==> flow/design.v <==
module u_registers_top #(
    parameter DEPTH = 6,
    parameter DW = 40,
    parameter AW = $clog2(DEPTH),
    parameter SLICES = DW / 8
) (
    input wire clk,
    input wire clk_en,
    input wire [SLICES-1:0] in_mask,
    input wire [AW-1:0] in_wr_addr,
    input wire [DW-1:0] in_d,
    input wire [AW-1:0] in_raddr,
    output reg [DW-1:0] out_rdata
);
    reg [SLICES-1:0] mask_s;
    reg [AW-1:0] wr_addr_s;
    reg [DW-1:0] d_s;
    reg [DW-1:0] gpr [0:DEPTH-1];
    integer n;
    always @(posedge clk) begin
        for (n = 0; n < SLICES; n = n + 1)
            if (clk_en && mask_s[n]) gpr[wr_addr_s][8*n +: 8] <= d_s[8*n +: 8];
    end
    reg [AW-1:0] raddr_s;
    always @(posedge clk) begin
        if (clk_en) begin
            mask_s <= in_mask;
            wr_addr_s <= in_wr_addr;
            d_s <= in_d;
            raddr_s <= in_raddr;
            out_rdata <= gpr[raddr_s];
        end
    end
endmodule
Reports on u_registers_top
Tool output for the design above, in the order of the flow.
Line numbers count from 1 in the design file above.
Operators carry their Yosys type and port widths (W data, S select, Z words).
{"block": "setup", "design": "u_registers_top", "clock_port": "clk", "library": "sky130hd", "corner": "tt_025C_1v80"}

Word level
Counts by Yosys on the flattened word-level netlist (proc, flatten, opt, wreduce; memories kept). Register bits leave out memories and registers merged into their read ports (data or address). Print and check cells are left out. Cells with the same type and inputs are merged into one.
Yosys's memory passes give these memory sizes; they may raise the number of words (mostly to a power of two), join words into wider ones and drop unused or constant bits.
{"block": "word_totals", "register_bits": 51, "ram_bits": 240, "clocked_rd_ports_x_width": 40, "n_memories": 1, "in_bits": 53, "output_inout_bits": 40}
{"block": "memory_table", "memory": "gpr", "words": 6, "word_bits": 40, "rd": 1, "wr": 1, "line": 18, "rtl": "reg [DW-1:0] gpr [0:DEPTH-1];"}
{"block": "classes", "muxes": 10, "n_reduce_logical": 5}
{"block": "ops", "operator": "$mux W40", "n": 5}
{"block": "ops", "operator": "$logic_and A1 B1 Y1", "n": 5}
{"block": "ops", "operator": "$mux W1", "n": 5}

Depth
Yosys ltp: most cells in a row. Word level: on the elaborated netlist, between registers, memories and ports. Mapped: between sequential cells and ports; inverters and the memories' decode and read muxes count.
{"block": "logic_depth", "ltp_word": 2, "abc_area": 0, "mapped_depth": 6, "ltp_nobuf": 3}

Synthesis result
Source: synth_stat.txt of the flow (Yosys; design flattened, memories mapped). It holds for the ABC_AREA given above (unset counts as 0); a run with the other value may have another netlist.
Totals and module areas in this step are rounded.
{"block": "by_type", "cell_type": "sky130_fd_sc_hd__edfxtp_1", "n": 331}
{"block": "by_type", "cell_type": "sky130_fd_sc_hd__mux2i_1", "n": 120}
{"block": "by_type", "cell_type": "sky130_fd_sc_hd__a22o_1", "n": 40}
{"block": "by_type", "cell_type": "sky130_fd_sc_hd__a21oi_1", "n": 30}
{"block": "by_type", "cell_type": "sky130_fd_sc_hd__nor2_1", "n": 32}
{"block": "by_type", "cell_type": "sky130_fd_sc_hd__a21oi_2", "n": 10}
{"block": "by_type", "cell_type": "sky130_fd_sc_hd__buf_4", "n": 6}
{"block": "by_type", "cell_type": "sky130_fd_sc_hd__buf_6", "n": 4}
{"block": "by_type", "cell_type": "sky130_fd_sc_hd__clkbuf_1", "n": 12}
{"block": "by_type", "cell_type": "sky130_fd_sc_hd__buf_12", "n": 2}
{"block": "by_type", "cell_type": "sky130_fd_sc_hd__buf_8", "n": 2}
{"block": "by_type", "cell_type": "sky130_fd_sc_hd__nand2_1", "n": 6}
{"block": "by_type", "cell_type": "sky130_fd_sc_hd__or3b_1", "n": 2}
{"block": "by_type", "cell_type": "sky130_fd_sc_hd__nand3b_1", "n": 2}
{"block": "by_type", "cell_type": "sky130_fd_sc_hd__nor2b_1", "n": 1}
{"block": "by_type", "cell_type": "sky130_fd_sc_hd__or3_1", "n": 1}
{"block": "by_type", "cell_type": "sky130_fd_sc_hd__buf_2", "n": 1}
{"block": "mapped", "cell_count": 602, "yosys_area_um2": 12100, "seq_area_um2": 9940, "ff_cells": 331, "buf_cells": 27}

Worst setup path after synthesis
Source: OpenSTA report_checks on the synthesized netlist (no wires, ideal clock, input and output delay 20% of the period each), path of least setup slack; recovery checks are left aside. Register names are those of the netlist, which keeps one name where synthesis merged equal registers.
{"block": "synth_timing", "kind": "register -> register", "start": "register wr_addr_s[0]", "end": "memory gpr[2][32]", "clock_period_ps": 2030, "t_first_pin_ps": 0, "arrival_time_ps": 1255, "slack_ps": 405, "delay_ps": 1625, "stages": 3, "n_path_buf": 0, "period_less_setup_slack_ps": 1625}
"delay_ps" is the arrival time less input delay plus setup time.
"stages" counts driving pins, that of a launching flip-flop among them; a cell with two outputs on the path counts twice.
"period_less_setup_slack_ps" is the clock period less the worst setup slack; recovery checks do not enter. This is arithmetic on one report: input and output delays are still those of the set period (20% each).
{"block": "synth_via", "path_cell_list": "sky130_fd_sc_hd__edfxtp_1 > sky130_fd_sc_hd__or3b_1 > sky130_fd_sc_hd__nor2_1"}
{"block": "synth_rtl", "element": "from (decl)", "line": 16, "rtl": "reg [AW-1:0] wr_addr_s;"}
{"block": "synth_rtl", "element": "from (assign)", "line": 28, "rtl": "wr_addr_s <= in_wr_addr;"}
{"block": "synth_rtl", "element": "to (decl)", "line": 18, "rtl": "reg [DW-1:0] gpr [0:DEPTH-1];"}
Chain of elaborated cells between the ends: none given.

Worst path after layout
From the final timing report of entry C: the path of least setup slack in the routed layout; clock arrival at registers is part of the times.
The path's times are printed in steps of 10 ps; the period is the one set.
{"block": "layout_timing", "kind": "register -> output", "start": "register out_rdata[39]", "end": "output port out_rdata[39]", "clock_period_ps": 2030, "t_first_pin_ps": 500, "arrival_time_ps": 1450, "slack_ps": 180, "stages": 2, "n_path_buf": 1}
{"block": "layout_via", "path_cell_list": "sky130_fd_sc_hd__edfxtp_1 > sky130_fd_sc_hd__clkdlybuf4s50_1", "elab_chain_cells": 0}
{"block": "layout_rtl", "element": "from (decl)", "line": 13, "rtl": "output reg [DW-1:0] out_rdata"}
{"block": "layout_rtl", "element": "to (decl)", "line": 13}

Lab notebook: u_registers_top

Measured data: module u_registers_top, platform sky130hd, 3 stored runs of the flow under differing settings, order arbitrary. Input and output delays are each 20% of the period that was set; the output load is 0.01 pF.
"clock_period_reached_ps" = clock period - worst setup slack. The figure is calculated, with input and output delays left at 20% of the set period.
"worstPathTime_ps" = time allowed to the worst setup path (clock period - input delay - output delay, where it has them) - its slack; a late launch clock adds to it, a late capture clock takes from it.
By "power.total_w" is meant OpenSTA's value without simulated activity: inputs other than the clock are taken to toggle once in ten clock periods, and the tool carries that through the logic.
"worstPathTime_ps" is given in steps of 10 ps.
Results are given in rounded form.

{"run": "entry A", "settings": { "period_ns": 1.91, "CORE_UTILIZATION": 62, "SETUP_SLACK_MARGIN": 0.08, "PLACE_DENSITY_LB_ADDON": 0.17, "CORE_ASPECT_RATIO": 1.71, "CELL_PAD_IN_SITES_GLOBAL_PLACEMENT": 3, "ABC_AREA": 1, "GPL_ROUTABILITY_DRIVEN": 0, "CTS_CLUSTER_DIAMETER": 309, "SLEW_MARGIN": 5, "MIN_ROUTING_LAYER": "met1", "MAX_ROUTING_LAYER": "met5", "CAP_MARGIN": 20, "CORE_MARGIN": 2 }, "outcome": "stopped before the end: placement reported FLW-0024"}
{"run": "entry B", "settings": { "period_ns": 1.1, "CORE_UTILIZATION": 72, "PLACE_DENSITY_LB_ADDON": 0.26, "CORE_MARGIN": 8, "CELL_PAD_IN_SITES_DETAIL_PLACEMENT": 1, "TNS_END_PERCENT": 15, "ABC_AREA": 0, "GPL_ROUTABILITY_DRIVEN": 0, "MIN_ROUTING_LAYER": "met2", "MAX_ROUTING_LAYER": "met5", "CAP_MARGIN": 20, "SLEW_MARGIN": 20 }, "outcome": "stopped before the end: placement reported DPL-0033"}
{"run": "entry C", "settings": { "period_ns": 2.03, "CAP_MARGIN": 20, "CORE_MARGIN": 2, "CORE_UTILIZATION": 40, "SLEW_MARGIN": 20 }, "results": { "fin_ws_ps": 178, "fin_util_pct": 49.9, "finish.stdcell_area_um2": 14800, "holdWs_ps": 252, "total_die_area_um2": 31700, "clock_period_reached_ps": 1852, "post_synth_area_um2": 12100, "power.total_w": 0.0147, "final_setup_tns_ps": 0, "worstPathTime_ps": 1450, "critical_path_type": "register -> output" }}
